==> flow/design.v <==
module dp_add_core #(
  parameter NBITS = 6
) (
  input sys_clk,
  input aresetn,
  input ce,
  input [NBITS-1:0] A_i,
  input [NBITS-1:0] B_i,
  output [NBITS-1:0] total_o
);
  reg [NBITS-1:0] A_r;
  reg [NBITS-1:0] B_r;
  reg [NBITS:0] t_r;
  reg [NBITS-1:0] total_r;
  assign total_o = total_r;
  always @(posedge sys_clk or negedge aresetn) begin
    if (!aresetn) begin
      A_r <= 0;
      B_r <= 0;
      t_r <= 0;
      total_r <= 0;
    end else if (ce) begin
      A_r <= A_i;
      B_r <= B_i;
      t_r <= A_r + B_r;
      total_r <= t_r[NBITS] ? {NBITS{1'b1}} : t_r[NBITS-1:0];
    end
  end
endmodule
Reports on dp_add_core --
What the tools print for dp_add_core, step after step. Line numbers count from 1 in the design file above. Not given: -
Set-up: design top dp_add_core, clock input sys_clk, library sky130hd, library corner tt_025C_1v80

Word-level counts --
Yosys after proc, flatten, opt, wreduce and memory -nomap, before mapping. Enables and synchronous resets that opt folds into registers are not counted as muxes. Memory bits, and registers merged into a memory's read port (data or address), are not among the register bits. Print and check cells are not counted. Equal cells are merged and count once.
Operators by class: add/sub/neg operators 1, mux-type cells 1
Operators by type and width (count):
- 6-bit by 6-bit adder with 7-bit output | 1
- 6-bit two-way mux | 1
Storage and ports: bits in registers 25, bits of input ports 15, output and inout port bits 6, word-level cells 6

Depth --
Longest topological path by Yosys (ltp), each cell counted once; first at word level (registers and memories cut), then after technology mapping (sequential cells cut; the memories' decode and read muxes count).
Depth: depth in word-level cells 1, ABC_AREA 0, mapped depth 7, depth with buffers taken out 7

Synthesis result --
The flow's flattened synthesis, as Yosys stat reports it; memories are mapped. The netlist is that of the ABC_AREA named above (0 if unset); the other value can give another one. Totals and module areas in this step are rounded.
Mapped netlist: cells in the netlist 97, synthesis area 1160 µm², area of sequential cells 626 µm², mapped flip-flops 25, buffers 4
Cell types (count):
- sky130_fd_sc_hd__dfrtp_1 | 25
- sky130_fd_sc_hd__mux2_2 | 13
- sky130_fd_sc_hd__ha_1 | 6
- sky130_fd_sc_hd__nor2_1 | 15
- sky130_fd_sc_hd__a21oi_1 | 9
- sky130_fd_sc_hd__mux2_4 | 2
- sky130_fd_sc_hd__fa_1 | 1
- sky130_fd_sc_hd__o21ai_0 | 4
- sky130_fd_sc_hd__xnor2_1 | 2
- sky130_fd_sc_hd__buf_2 | 3
- sky130_fd_sc_hd__inv_1 | 4
- sky130_fd_sc_hd__a211oi_2 | 1
- sky130_fd_sc_hd__o31a_2 | 1
- sky130_fd_sc_hd__a21oi_2 | 1
- sky130_fd_sc_hd__xor2_1 | 1
- sky130_fd_sc_hd__a21o_1 | 1
- sky130_fd_sc_hd__nand2_1 | 2
- sky130_fd_sc_hd__o211ai_1 | 1
Not listed: further types 5, cells in them 5.

Path before layout --
OpenSTA on the mapped netlist: ideal clock, no wires. The path of least setup slack (recovery checks aside). Input and output delay are each 20% of the period. Register names are those of the netlist, which keeps one name where synthesis merged equal registers.
Timing after synthesis: path type flip-flop to flip-flop, from register A_r[0], to register t_r[4], clock period 2.04 ns, data arrival time 1.506 ns, slack 0.409 ns, path delay 1.631 ns, stages 8, buffers on the path 0, period reached after synthesis 1.631 ns
"path delay" = arrival - input delay + setup time. "stages" counts driving pins, that of a launching flip-flop among them; a cell with two outputs on the path counts twice. "period reached after synthesis" = period - worst setup slack (recovery checks aside). The figure is calculated, with input and output delays left at 20% of the set period. Between the ends stands the longest chain of elaborated cells between them, by number of cells; it is not shown to be the way that was timed. Of several equally long chains one is given. Each line given opens the expression or statement behind the cell; cells for indexed reads and writes are added by Yosys, which also makes memories of some case tables.
On the way, after synthesis: path through sky130_fd_sc_hd__dfrtp_1 sky130_fd_sc_hd__ha_1 sky130_fd_sc_hd__inv_1 sky130_fd_sc_hd__fa_1 sky130_fd_sc_hd__nor2b_1 sky130_fd_sc_hd__o31a_2 sky130_fd_sc_hd__a21oi_1 sky130_fd_sc_hd__mux2_2, length of the longest elaborated chain 1, elaborated cells on any way between the ends 1, source lines of those cells 1, classes of those cells add/sub: 1
Ends and longest elaborated chain, after synthesis:
- start, declared | RTL line 11 | reg [NBITS-1:0] A_r;
- start, assigned | RTL line 18 | A_r <= 0;
- start, assigned | RTL line 23 | A_r <= A_i;
- 6-bit by 6-bit adder with 7-bit output | RTL line 25 | t_r <= A_r + B_r;
- end, assigned | RTL line 20 | t_r <= 0;
- end, assigned | RTL line 25
- end, declared | RTL line 13 | reg [NBITS:0] t_r;

Path in the finished layout --
From the final timing report of run A: the path of least setup slack in the routed layout; clock arrival at registers is part of the times.
Timing post-layout: path type flip-flop to flip-flop, from register B_r[0], to register t_r[4], clock period 1.16 ns, data arrival time 1.87 ns, slack -0.49 ns, stages 8, buffers on the path 0
Between the ends stands the longest chain of elaborated cells between them, by number of cells; it is not shown to be the way that was timed. Of several equally long chains one is given.
On the way, post-layout: path through sky130_fd_sc_hd__dfrtp_1 sky130_fd_sc_hd__ha_4 sky130_fd_sc_hd__inv_2 sky130_fd_sc_hd__fa_2 sky130_fd_sc_hd__nor2b_2 sky130_fd_sc_hd__o31a_2 sky130_fd_sc_hd__a21oi_2 sky130_fd_sc_hd__mux2_4, length of the longest elaborated chain 1, elaborated cells on any way between the ends 1, source lines of those cells 1, classes of those cells add/sub: 1
Ends and longest elaborated chain, post-layout:
- start, declared | RTL line 12 | reg [NBITS-1:0] B_r;
- start, assigned | RTL line 19 | B_r <= 0;
- start, assigned | RTL line 24 | B_r <= B_i;
- 6-bit by 6-bit adder with 7-bit output | RTL line 25 | t_r <= A_r + B_r;
- end, assigned | RTL line 20 | t_r <= 0;
- end, assigned | RTL line 25
- end, declared | RTL line 13 | reg [NBITS:0] t_r;

Subject: flow runs of dp_add_core

Hi,

dp_add_core through Yosys and OpenROAD on sky130hd: 3 stored runs, unordered, with their settings and measured results. The constraints put input and output delay at 20% of the set period each and load the outputs with 0.01 pF.
"achieved clock period": clock period set for the run, less the worst setup slack. It is reckoned from that one timing run; input and output delays stay at 20% of the period that was set.
"time of the worst setup path": the worst setup path's part of the clock period (all of it between registers, 20% less for each end at a port) less its slack. A launch clock that arrives late makes it longer, a capture clock that arrives late makes it shorter.
"power" is the tool's figure for a default switching activity; nothing was simulated.
Values from the reports are rounded here.

* Run A | settings: period_ns 1.16; CORE_UTILIZATION 37; SETUP_SLACK_MARGIN 0.3; PLACE_DENSITY_LB_ADDON 0.07; CORE_MARGIN 6; CELL_PAD_IN_SITES_GLOBAL_PLACEMENT 0; CELL_PAD_IN_SITES_DETAIL_PLACEMENT 0; CTS_CLUSTER_SIZE 17; SLEW_MARGIN 10; MIN_ROUTING_LAYER met2; CAP_MARGIN 20 | results: area of the standard cells in the finished layout 1620 µm²; die outline area 4610 µm²; synthesized cell area 1160 µm²; achieved clock period 1.652 ns; power 2340 uW; time of the worst setup path 1.65 ns; worst setup path kind flip-flop to flip-flop; worst setup slack after layout -0.492 ns
* Run B | settings: period_ns 3.11; CORE_UTILIZATION 55; SETUP_SLACK_MARGIN 0.71; CELL_PAD_IN_SITES_GLOBAL_PLACEMENT 3; GPL_ROUTABILITY_DRIVEN 1; CTS_CLUSTER_SIZE 26; CTS_CLUSTER_DIAMETER 265; SLEW_MARGIN 40; MIN_ROUTING_LAYER met2; CAP_MARGIN 20; CORE_MARGIN 2 | not finished: placement ended with error GPL-0301
* Run C | settings: period_ns 2.04; CAP_MARGIN 20; CORE_MARGIN 2; CORE_UTILIZATION 40; SLEW_MARGIN 20 | results: time of the worst setup path 1.81 ns; worst setup path kind flip-flop to flip-flop; worst setup slack after layout 0.233 ns; synthesized cell area 1160 µm²; power 1210 uW; die outline area 3340 µm²; area of the standard cells in the finished layout 1430 µm²; achieved clock period 1.807 ns

Regards
